==> flow/design.v <==
module dp_barrel_mod #(
   parameter W = 12,
   parameter LOGN = $clog2(W)
) (
   input wire core_clk,
   input wire resetn,
   input wire step,
   input wire [W-1:0] i_din,
   input wire [LOGN-1:0] i_n,
   input wire [1:0] i_kind,
   output reg [W-1:0] o_out
);
   reg [W-1:0] tmp;
   always @(*) begin
      case (i_kind)
         2'b00: tmp = i_din << i_n;
         2'b01: tmp = i_din >> i_n;
         2'b10: tmp = $signed(i_din) >>> i_n;
         default: tmp = i_din;
      endcase
   end
   always @(posedge core_clk) begin
      if (~resetn) begin
         o_out <= 0;
      end else if (step) begin
         o_out <= tmp;
      end
   end
endmodule
# From RTL to reports: dp_barrel_mod

Tool output for the design above, in the order of the flow.
Line numbers count from 1 in the design file above.
Operators: Yosys type, input widths -> output width; for muxes data width and select width s.
Not given: --

Top: dp_barrel_mod
Clock input: core_clk
Library: sky130hd
Library corner: tt_025C_1v80

# After elaboration

Counts by Yosys on the flattened word-level netlist (proc, flatten, opt, wreduce; memories kept). Register bits leave out memories and registers merged into their read ports (data or address); mux counts leave out enables and synchronous resets folded into registers. Print and check cells are left out. Cells with the same type and inputs are merged into one.

Register bits after elaboration: 12
Latch bits: 0
Bits in writable memories: 0
ROM bits: 0
Clocked read ports x word width: 0
Memories kept: 0
Bits of input ports: 21
Elaborated cells: 8

Add/subtract/negate cells: 0
$mul: 0
Divide/modulo/power cells: 0
Order comparisons: 0
Equality and inequality tests: 2
Shift-type cells: 3
Multiplexer cells: 1
Bitwise logic cells: 0
Reduce/logical cells: 1

Operator list:

| operator           | count |
| $pmux 12 s3        | 1 |
| $shl 12x4->12      | 1 |
| $shr 12x4->12      | 1 |
| $sshr 12x4->12     | 1 |
| $eq 2x1->1 const B | 1 |
| $eq 2x2->1 const B | 1 |
| $logic_not 2->1    | 1 |

# Depth

Longest topological path by Yosys (ltp), each cell counted once; first at word level (registers and memories cut), then after technology mapping (sequential cells cut; the memories' decode and read muxes count).

Word-level depth: 2
ABC_AREA: 0
Gate-level depth with buffers: 8

# Synthesis result

Source: synth_stat.txt of the flow (Yosys; design flattened, memories mapped). It holds for the ABC_AREA given above (unset counts as 0); a run with the other value may have another netlist.

Mapped cells: 216
Mapped area: 1839.3 um2
Flip-flop cells: 12
Buffer cells: 25

Cells by type:

| cell                      | count | area in all (um2) |
| sky130_fd_sc_hd__mux4_2   | 13    | 292.781 |
| sky130_fd_sc_hd__dfxtp_1  | 12    | 240.23 |
| sky130_fd_sc_hd__mux4_1   | 5     | 131.376 |
| sky130_fd_sc_hd__o21ai_0  | 18    | 90.086 |
| sky130_fd_sc_hd__mux2i_1  | 8     | 80.077 |
| sky130_fd_sc_hd__mux2_2   | 6     | 67.565 |
| sky130_fd_sc_hd__nand2_1  | 18    | 67.565 |
| sky130_fd_sc_hd__a21oi_1  | 12    | 60.058 |
| sky130_fd_sc_hd__o211ai_1 | 8     | 60.058 |
| sky130_fd_sc_hd__buf_2    | 9     | 45.043 |
| sky130_fd_sc_hd__nor2b_1  | 7     | 43.792 |
| sky130_fd_sc_hd__clkbuf_1 | 11    | 41.29 |
| sky130_fd_sc_hd__buf_12   | 2     | 40.038 |
| sky130_fd_sc_hd__a31oi_1  | 6     | 37.536 |
| sky130_fd_sc_hd__nand4_1  | 5     | 31.28 |
| sky130_fd_sc_hd__o22ai_1  | 5     | 31.28 |
| sky130_fd_sc_hd__a211oi_1 | 4     | 30.029 |
| sky130_fd_sc_hd__nand3_1  | 6     | 30.029 |

Not listed: further types 35, cells in them 61.

# Worst setup path after synthesis

OpenSTA on the mapped netlist: ideal clock, no wires. The path of least setup slack (recovery checks aside). Input and output delay are each 20% of the period. Register names are those of the netlist, which keeps one name where synthesis merged equal registers.

Path kind: in2reg
Start: input port i_n[0]
End: register o_out[4]
Period: 2.19 ns
External input delay: 0.438 ns
Library setup time: 0.125 ns
Launch time at the first pin: 0.438 ns
Arrival time: 1.712 ns
Required time: 2.065 ns
Slack: 0.353 ns
Path delay: 1.399 ns
Stages on the path: 6
Buffers on the path: 2
Period reached after synthesis: 1.837 ns

"path delay" is the arrival time less input delay plus setup time.
"stages on the path" counts driving pins, that of a launching flip-flop among them; a cell with two outputs on the path counts twice.
"period reached after synthesis" = period - worst setup slack (recovery checks aside). The figure is calculated, with input and output delays left at 20% of the set period.
Between the ends stands the longest chain of elaborated cells between them, by number of cells; it is not shown to be the way that was timed. Of several equally long chains one is given.
A line is the first line of the expression or statement that the cell stems from. Yosys adds cells for indexed reads and writes and turns some case tables into memories.

Path through: sky130_fd_sc_hd__buf_6 -> sky130_fd_sc_hd__buf_4 -> sky130_fd_sc_hd__mux2_2 -> sky130_fd_sc_hd__mux4_2 -> sky130_fd_sc_hd__o21ai_0 -> sky130_fd_sc_hd__a21oi_1
Cells in the longest elaborated chain: 2

Ends and longest elaborated chain, after synthesis:

| element         | RTL line | RTL |
| start, declared | 9        | `input wire [LOGN-1:0] i_n,` |
| $sshr 12x4->12  | 18       | `2'b10: tmp = $signed(i_din) >>> i_n;` |
| $pmux 12 s3     | 15       | `case (i_kind)` |
| end, assigned   | 24       | `o_out <= 0;` |
| end, assigned   | 26       | `o_out <= tmp;` |
| end, declared   | 11       | `output reg [W-1:0] o_out` |

# Path in the finished layout

From the final timing report of job 1: the path of least setup slack in the routed layout; clock arrival at registers is part of the times.

Path kind: in2reg
Start: input port i_n[0]
End: register o_out[11]
Period: 2.89 ns
External input delay: 0.58 ns
Library setup time: 0.11 ns
Launch time at the first pin: 0.58 ns
Arrival time: 2.56 ns
Required time: 3.02 ns
Slack: 0.46 ns
Stages on the path: 7
Buffers on the path: 2

Path through: sky130_fd_sc_hd__clkdlybuf4s50_1 -> sky130_fd_sc_hd__buf_12 -> sky130_fd_sc_hd__mux4_2 -> sky130_fd_sc_hd__mux2i_1 -> sky130_fd_sc_hd__a21oi_1 -> sky130_fd_sc_hd__a31oi_1 -> sky130_fd_sc_hd__o31ai_1

Ends and longest elaborated chain, post-layout:

| element         | RTL line | RTL |
| start, declared | 9        | `input wire [LOGN-1:0] i_n,` |
| end, assigned   | 24       | `o_out <= 0;` |
| end, assigned   | 26       | `o_out <= tmp;` |
| end, declared   | 11       | `output reg [W-1:0] o_out` |

No chain of elaborated cells between the ends is given.

Lab notebook: dp_barrel_mod

3 stored runs of dp_barrel_mod in the flow (synthesis by Yosys, layout by OpenROAD, sky130hd cells), in arbitrary order. Constraints: input delay and output delay 20% of the set period each, output load 0.01 pF.
"reached clock period" is the run's clock period less its worst setup slack. It is reckoned from that one timing run; input and output delays stay at 20% of the period that was set.
"worst path time" = time allowed to the worst setup path (clock period - input delay - output delay, where it has them) - its slack; a late launch clock adds to it, a late capture clock takes from it.
"total power after layout" is the tool's figure for a default switching activity; nothing was simulated.
Among the settings, - means not set for that run.

| item                                   | job 1  | job 2  | job 3  |
| period_ns                              | 2.89   | 1.99   | 2.19   |
| CORE_UTILIZATION                       | 21     | 55     | 40     |
| SETUP_SLACK_MARGIN                     | 0.15   | -      | -      |
| PLACE_DENSITY_LB_ADDON                 | 0.21   | 0.15   | -      |
| CELL_PAD_IN_SITES_GLOBAL_PLACEMENT     | 3      | -      | -      |
| GPL_TIMING_DRIVEN                      | 1      | -      | -      |
| GPL_ROUTABILITY_DRIVEN                 | 1      | -      | -      |
| CTS_CLUSTER_SIZE                       | 30     | 96     | -      |
| CTS_CLUSTER_DIAMETER                   | 354    | 315    | -      |
| CAP_MARGIN                             | 10     | 20     | 20     |
| MIN_ROUTING_LAYER                      | met2   | -      | -      |
| CORE_MARGIN                            | 2      | 2      | 2      |
| SLEW_MARGIN                            | 20     | 20     | 20     |
| CORE_ASPECT_RATIO                      | -      | 0.65   | -      |
| TNS_END_PERCENT                        | -      | 10     | -      |
| ABC_AREA                               | -      | 1      | -      |
| reached clock period (ns)              | 2.426  | 1.894  | 2.082  |
| worst setup slack after layout (ns)    | 0.464  | 0.096  | 0.108  |
| final utilization (%)                  | 27.3   | 79.5   | 60.9   |
| smallest hold slack (ns)               | 0.478  | 0.461  | 0.473  |
| summed negative setup slack (ns)       | 0.000  | 0.000  | 0.000  |
| total power after layout (mW)          | 0.7224 | 0.9065 | 1.007  |
| cell area after synthesis (um2)        | 1839.3 | 1569.0 | 1839.3 |
| standard-cell area after routing (um2) | 2346.0 | 2133.3 | 2668.8 |
| worst path time (ns)                   | 1.85   | 1.50   | 1.64   |
| worst setup path type                  | in2reg | in2reg | in2reg |
| die size (um2)                         | 9522.8 | 3306.0 | 5156.7 |
